==> flow/design.v <==
module sync_reg_bank_top (core_clk, load, wa, wd, raddr_a, raddr_b, dout_a, dout_b);
    parameter D = 48;
    parameter DWIDTH = 24;
    localparam ADDR_W = $clog2(D);
    input core_clk;
    input load;
    input [ADDR_W-1:0] wa;
    input [DWIDTH-1:0] wd;
    input [ADDR_W-1:0] raddr_a;
    input [ADDR_W-1:0] raddr_b;
    output [DWIDTH-1:0] dout_a;
    output [DWIDTH-1:0] dout_b;
    reg [DWIDTH-1:0] bank [0:D-1];
    always @(posedge core_clk) begin
        if (load && wa != 0)
            bank[wa] <= wd;
    end
    assign dout_a = (raddr_a == 0) ? {DWIDTH{1'b0}} : bank[raddr_a];
    assign dout_b = (raddr_b == 0) ? {DWIDTH{1'b0}} : bank[raddr_b];
endmodule
From RTL to reports: sync_reg_bank_top
The steps from the RTL of sync_reg_bank_top to its reports follow in flow order.
Lines are those of the file above, counted from 1.
Library cell names are shortened.
{"block": "inputs", "top": "sync_reg_bank_top", "clock": "core_clk", "cell_library": "sky130hd", "lib_corner": "tt_025C_1v80"}

After elaboration
Yosys after proc, flatten, opt, wreduce and memory -nomap, before mapping. Enables and synchronous resets that opt folds into registers are not counted as muxes. Memory bits, and registers merged into a memory's read port (data or address), are not among the register bits. Print and check cells are not counted. Equal cells are merged and count once.
Yosys's memory passes give these memory sizes; they may raise the number of words (mostly to a power of two), join words into wider ones and drop unused or constant bits.
{"block": "word_totals", "wordCells": 10, "output_inout_bits": 48, "reg_bits": 0, "memories": 1, "ramBits": 1152, "inputBits": 44}
{"block": "mem_list", "memory": "bank", "words": 48, "width": 24, "read_ports": 2, "wr": 1, "line": 13, "rtl": "reg [DWIDTH-1:0] bank [0:D-1];"}
{"block": "classes", "n_reduce_logical": 4, "n_mux": 5}
{"block": "ops", "op": "two-way mux 24 bit", "n": 3}
{"block": "ops", "op": "logical NOT 6 bit", "n": 2}
{"block": "ops", "op": "nonzero test 6 bit", "n": 1}
{"block": "ops", "op": "two-way mux 6 bit", "n": 1}
{"block": "ops", "op": "logical AND 1 bit", "n": 1}
{"block": "ops", "op": "two-way mux 1 bit", "n": 1}

Longest topological paths
Longest topological path by Yosys (ltp), each cell counted once; first at word level (registers and memories cut), then after technology mapping (sequential cells cut; the memories' decode and read muxes count).
{"block": "logic_depth", "word_depth": 3, "ABC_AREA": 0, "mapped_depth": 9, "ltp_nobuf": 5}

After synthesis
Yosys stat after the flow's synthesis: flattened, memories mapped to cells. It holds for the ABC_AREA given above (unset counts as 0); a run with the other value may have another netlist.
Totals and module areas in this step are rounded.
{"block": "types", "type": "edfxtp_1", "n": 1152, "area_total_um2": 3.46E+04}
{"block": "types", "type": "mux4_2", "n": 493, "area_total_um2": 1.11E+04}
{"block": "types", "type": "mux2i_1", "n": 107, "area_total_um2": 1.07E+03}
{"block": "types", "type": "mux2_2", "n": 91, "area_total_um2": 1.02E+03}
{"block": "types", "type": "a22oi_1", "n": 102, "area_total_um2": 765.734}
{"block": "types", "type": "nor2_1", "n": 136, "area_total_um2": 510.49}
{"block": "types", "type": "buf_2", "n": 89, "area_total_um2": 445.427}
{"block": "types", "type": "o22ai_1", "n": 59, "area_total_um2": 369.104}
{"block": "types", "type": "a211oi_1", "n": 42, "area_total_um2": 315.302}
{"block": "types", "type": "a221oi_1", "n": 34, "area_total_um2": 297.786}
{"block": "types", "type": "buf_6", "n": 26, "area_total_um2": 292.781}
{"block": "types", "type": "nand2_1", "n": 77, "area_total_um2": 289.027}
{"block": "types", "type": "buf_4", "n": 37, "area_total_um2": 277.766}
{"block": "types", "type": "o21ai_0", "n": 47, "area_total_um2": 235.226}
{"block": "types", "type": "nor2b_1", "n": 37, "area_total_um2": 231.472}
{"block": "types", "type": "a31oi_1", "n": 29, "area_total_um2": 181.424}
{"block": "types", "type": "clkbuf_1", "n": 47, "area_total_um2": 176.419}
{"block": "types", "type": "a21oi_1", "n": 33, "area_total_um2": 165.158}
Not listed: further types 37, cells in them 199.
{"block": "synth_totals", "cell_count": 2837, "buffers": 213, "ff_cells": 1152, "synth_area_um2": 53740, "seqArea_um2": 34590}

Path before layout
OpenSTA on the mapped netlist: ideal clock, no wires. The path of least setup slack (recovery checks aside). Input and output delay are each 20% of the period. Register names are those of the netlist, which keeps one name where synthesis merged equal registers.
{"block": "synth_path", "kind": "input to output", "startpoint": "input raddr_a[0]", "endpoint": "output dout_a[15]", "required_time_ns": 2.608, "period_ns": 3.26, "launch_ns": 0.652, "input_delay_ns": 0.652, "path_slack_ns": 0.395, "output_delay_ns": 0.652, "path_stages": 7, "path_delay_ns": 1.561, "n_path_buf": 2, "arrival_ns": 2.213, "period_less_setup_slack_ns": 2.865}
"path_delay_ns" = arrival - input delay + setup time.
A path that ends at an output port has no setup time.
"path_stages" counts driving pins, that of a launching flip-flop among them; a cell with two outputs on the path counts twice.
"period_less_setup_slack_ns" = period - worst setup slack (recovery checks aside). The figure is calculated, with input and output delays left at 20% of the set period.
The rows between start and end are the longest chain of elaborated cells between them; the timing report does not say that the signal goes this way. Where chains are equally long, one stands for them.
A line is the first line of the expression or statement that the cell stems from. Yosys adds cells for indexed reads and writes and turns some case tables into memories.
The chain passes a memory read, where the word-level depth is cut; so it can be longer than that depth.
{"block": "synth_via", "cell_sequence": "buf_4 > buf_2 > mux4_2 > a22oi_1 > nand2_1 > a221oi_1 > a21oi_1", "elab_chain_len": 2, "cone_cells": 3, "lines_between": 2, "classes_between": "mux: 1; reduce/logical: 1; memory: 1"}
{"block": "synth_rtl", "element": "from (decl)", "line": 9, "rtl": "input [ADDR_W-1:0] raddr_a;"}
{"block": "synth_rtl", "element": "memory (48 x 24 bit)", "line": 13, "rtl": "reg [DWIDTH-1:0] bank [0:D-1];"}
{"block": "synth_rtl", "element": "two-way mux 24 bit", "line": 18, "rtl": "assign dout_a = (raddr_a == 0) ? {DWIDTH{1'b0}} : bank[raddr_a];"}
{"block": "synth_rtl", "element": "to (decl)", "line": 11, "rtl": "output [DWIDTH-1:0] dout_a;"}

Worst path after layout
Path of least setup slack in the final report of flow run A (OpenROAD, finished layout, wires in). Where an end is a register, its clock arrival counts in the times.
{"block": "layout_path", "kind": "input to output", "startpoint": "input raddr_a[0]", "endpoint": "output dout_a[12]", "input_delay_ns": 0.65, "output_delay_ns": 0.65, "launch_ns": 0.65, "arrival_ns": 2.78, "path_stages": 11, "path_slack_ns": -0.17, "required_time_ns": 2.61, "period_ns": 3.26, "n_path_buf": 6}
The rows between start and end are the longest chain of elaborated cells between them; the timing report does not say that the signal goes this way. Where chains are equally long, one stands for them.
The chain passes a memory read, where the word-level depth is cut; so it can be longer than that depth.
{"block": "layout_via", "cell_sequence": "buf_16 > buf_12 > buf_12 > buf_12 > buf_12 > mux4_2 > a22oi_2 > nand2_2 > a31oi_4 > a31oi_4 > buf_6", "elab_chain_len": 2, "cone_cells": 3, "lines_between": 2, "classes_between": "mux: 1; reduce/logical: 1; memory: 1"}
{"block": "layout_rtl", "element": "from (decl)", "line": 9, "rtl": "input [ADDR_W-1:0] raddr_a;"}
{"block": "layout_rtl", "element": "memory (48 x 24 bit)", "line": 13, "rtl": "reg [DWIDTH-1:0] bank [0:D-1];"}
{"block": "layout_rtl", "element": "two-way mux 24 bit", "line": 18, "rtl": "assign dout_a = (raddr_a == 0) ? {DWIDTH{1'b0}} : bank[raddr_a];"}
{"block": "layout_rtl", "element": "to (decl)", "line": 11, "rtl": "output [DWIDTH-1:0] dout_a;"}

Lab notebook: sync_reg_bank_top

Flow measurements of sync_reg_bank_top on sky130hd: 3 stored runs with different settings, listed in no order. Input and output delays are each 20% of the period that was set; the output load is 0.01 pF.
By "worstPathTime_ns" is meant the share of the clock period that the worst setup path is allowed (20% is reserved at inputs, 20% at outputs), minus its slack. Clock arrival times at its registers enter into it.
Values from the reports are rounded here.

Flow run A
==> flow/run.sh <==
#!/bin/bash
# the make line also repeats the synthesis and layout settings of config.mk as NAME=value (left out here)
make -C /OpenROAD-flow-scripts/flow DESIGN_CONFIG=/design/flow/config.mk WORK_HOME=/design/flow/orfs CLKGATE_MAP_FILE= finish
==> flow/config.mk <==
export PLATFORM = sky130hd
export DESIGN_NAME = sync_reg_bank_top
export DESIGN_NICKNAME = sync_reg_bank_top
export VERILOG_FILES = /design/flow/design.v
export SDC_FILE = /design/flow/constraint.sdc
export NUM_CORES = 4
export LEC_CHECK = 0
export CAP_MARGIN = 20
export CORE_MARGIN = 2
export CORE_UTILIZATION = 40
export SLEW_MARGIN = 20
==> flow/constraint.sdc <==
create_clock -name core_clock -period 3.26 [get_ports {core_clk}]
set_input_delay 0.6520 -clock core_clock [delete_from_list [all_inputs] [get_ports {core_clk}]]
set_output_delay 0.6520 -clock core_clock [all_outputs]
set_load 0.01 [all_outputs]

==> results of flow run A, as JSON <==
{
  "die_um2": 137300,
  "synth_chip_area_um2": 53740,
  "worst_hold_slack_ns": 0.602,
  "finish.utilization_pct": 52.8,
  "fin_ws_ns": -0.167,
  "worstPathTime_ns": 2.12,
  "worstPathKind": "input to output"
}

Flow run B
==> flow/run.sh <==
#!/bin/bash
# the make line also repeats the synthesis and layout settings of config.mk as NAME=value (left out here)
make -C /OpenROAD-flow-scripts/flow DESIGN_CONFIG=/design/flow/config.mk WORK_HOME=/design/flow/orfs CLKGATE_MAP_FILE= finish
==> flow/config.mk <==
export PLATFORM = sky130hd
export DESIGN_NAME = sync_reg_bank_top
export DESIGN_NICKNAME = sync_reg_bank_top
export VERILOG_FILES = /design/flow/design.v
export SDC_FILE = /design/flow/constraint.sdc
export NUM_CORES = 4
export LEC_CHECK = 0
export CAP_MARGIN = 20
export CELL_PAD_IN_SITES_DETAIL_PLACEMENT = 0
export CORE_MARGIN = 2
export CORE_UTILIZATION = 36
export CTS_CLUSTER_DIAMETER = 214
export CTS_CLUSTER_SIZE = 18
export GPL_ROUTABILITY_DRIVEN = 1
export MIN_ROUTING_LAYER = met2
export PLACE_DENSITY_LB_ADDON = 0.17
export SLEW_MARGIN = 20
==> flow/constraint.sdc <==
create_clock -name core_clock -period 2.52 [get_ports {core_clk}]
set_input_delay 0.5040 -clock core_clock [delete_from_list [all_inputs] [get_ports {core_clk}]]
set_output_delay 0.5040 -clock core_clock [all_outputs]
set_load 0.01 [all_outputs]

==> results of flow run B, as JSON <==
{
  "die_um2": 152400,
  "synth_chip_area_um2": 53740,
  "worst_hold_slack_ns": 0.263,
  "finish.utilization_pct": 47.2,
  "fin_ws_ns": -1.016,
  "worstPathTime_ns": 3.03,
  "worstPathKind": "register to output"
}

Flow run C
==> flow/run.sh <==
#!/bin/bash
# the make line also repeats the synthesis and layout settings of config.mk as NAME=value (left out here)
make -C /OpenROAD-flow-scripts/flow DESIGN_CONFIG=/design/flow/config.mk WORK_HOME=/design/flow/orfs CLKGATE_MAP_FILE= finish
==> flow/config.mk <==
export PLATFORM = sky130hd
export DESIGN_NAME = sync_reg_bank_top
export DESIGN_NICKNAME = sync_reg_bank_top
export VERILOG_FILES = /design/flow/design.v
export SDC_FILE = /design/flow/constraint.sdc
export NUM_CORES = 4
export LEC_CHECK = 0
export CAP_MARGIN = 5
export CORE_MARGIN = 2
export CORE_UTILIZATION = 63
export CTS_CLUSTER_DIAMETER = 337
export CTS_CLUSTER_SIZE = 39
export PLACE_DENSITY_LB_ADDON = 0.03
export SLEW_MARGIN = 25
==> flow/constraint.sdc <==
create_clock -name core_clock -period 4.81 [get_ports {core_clk}]
set_input_delay 0.9620 -clock core_clock [delete_from_list [all_inputs] [get_ports {core_clk}]]
set_output_delay 0.9620 -clock core_clock [all_outputs]
set_load 0.01 [all_outputs]

==> results of flow run C, as JSON <==
{
  "die_um2": 87650,
  "synth_chip_area_um2": 53740,
  "worst_hold_slack_ns": 1.056,
  "finish.utilization_pct": 70.5,
  "fin_ws_ns": 0.028,
  "worstPathTime_ns": 2.86,
  "worstPathKind": "input to output"
}
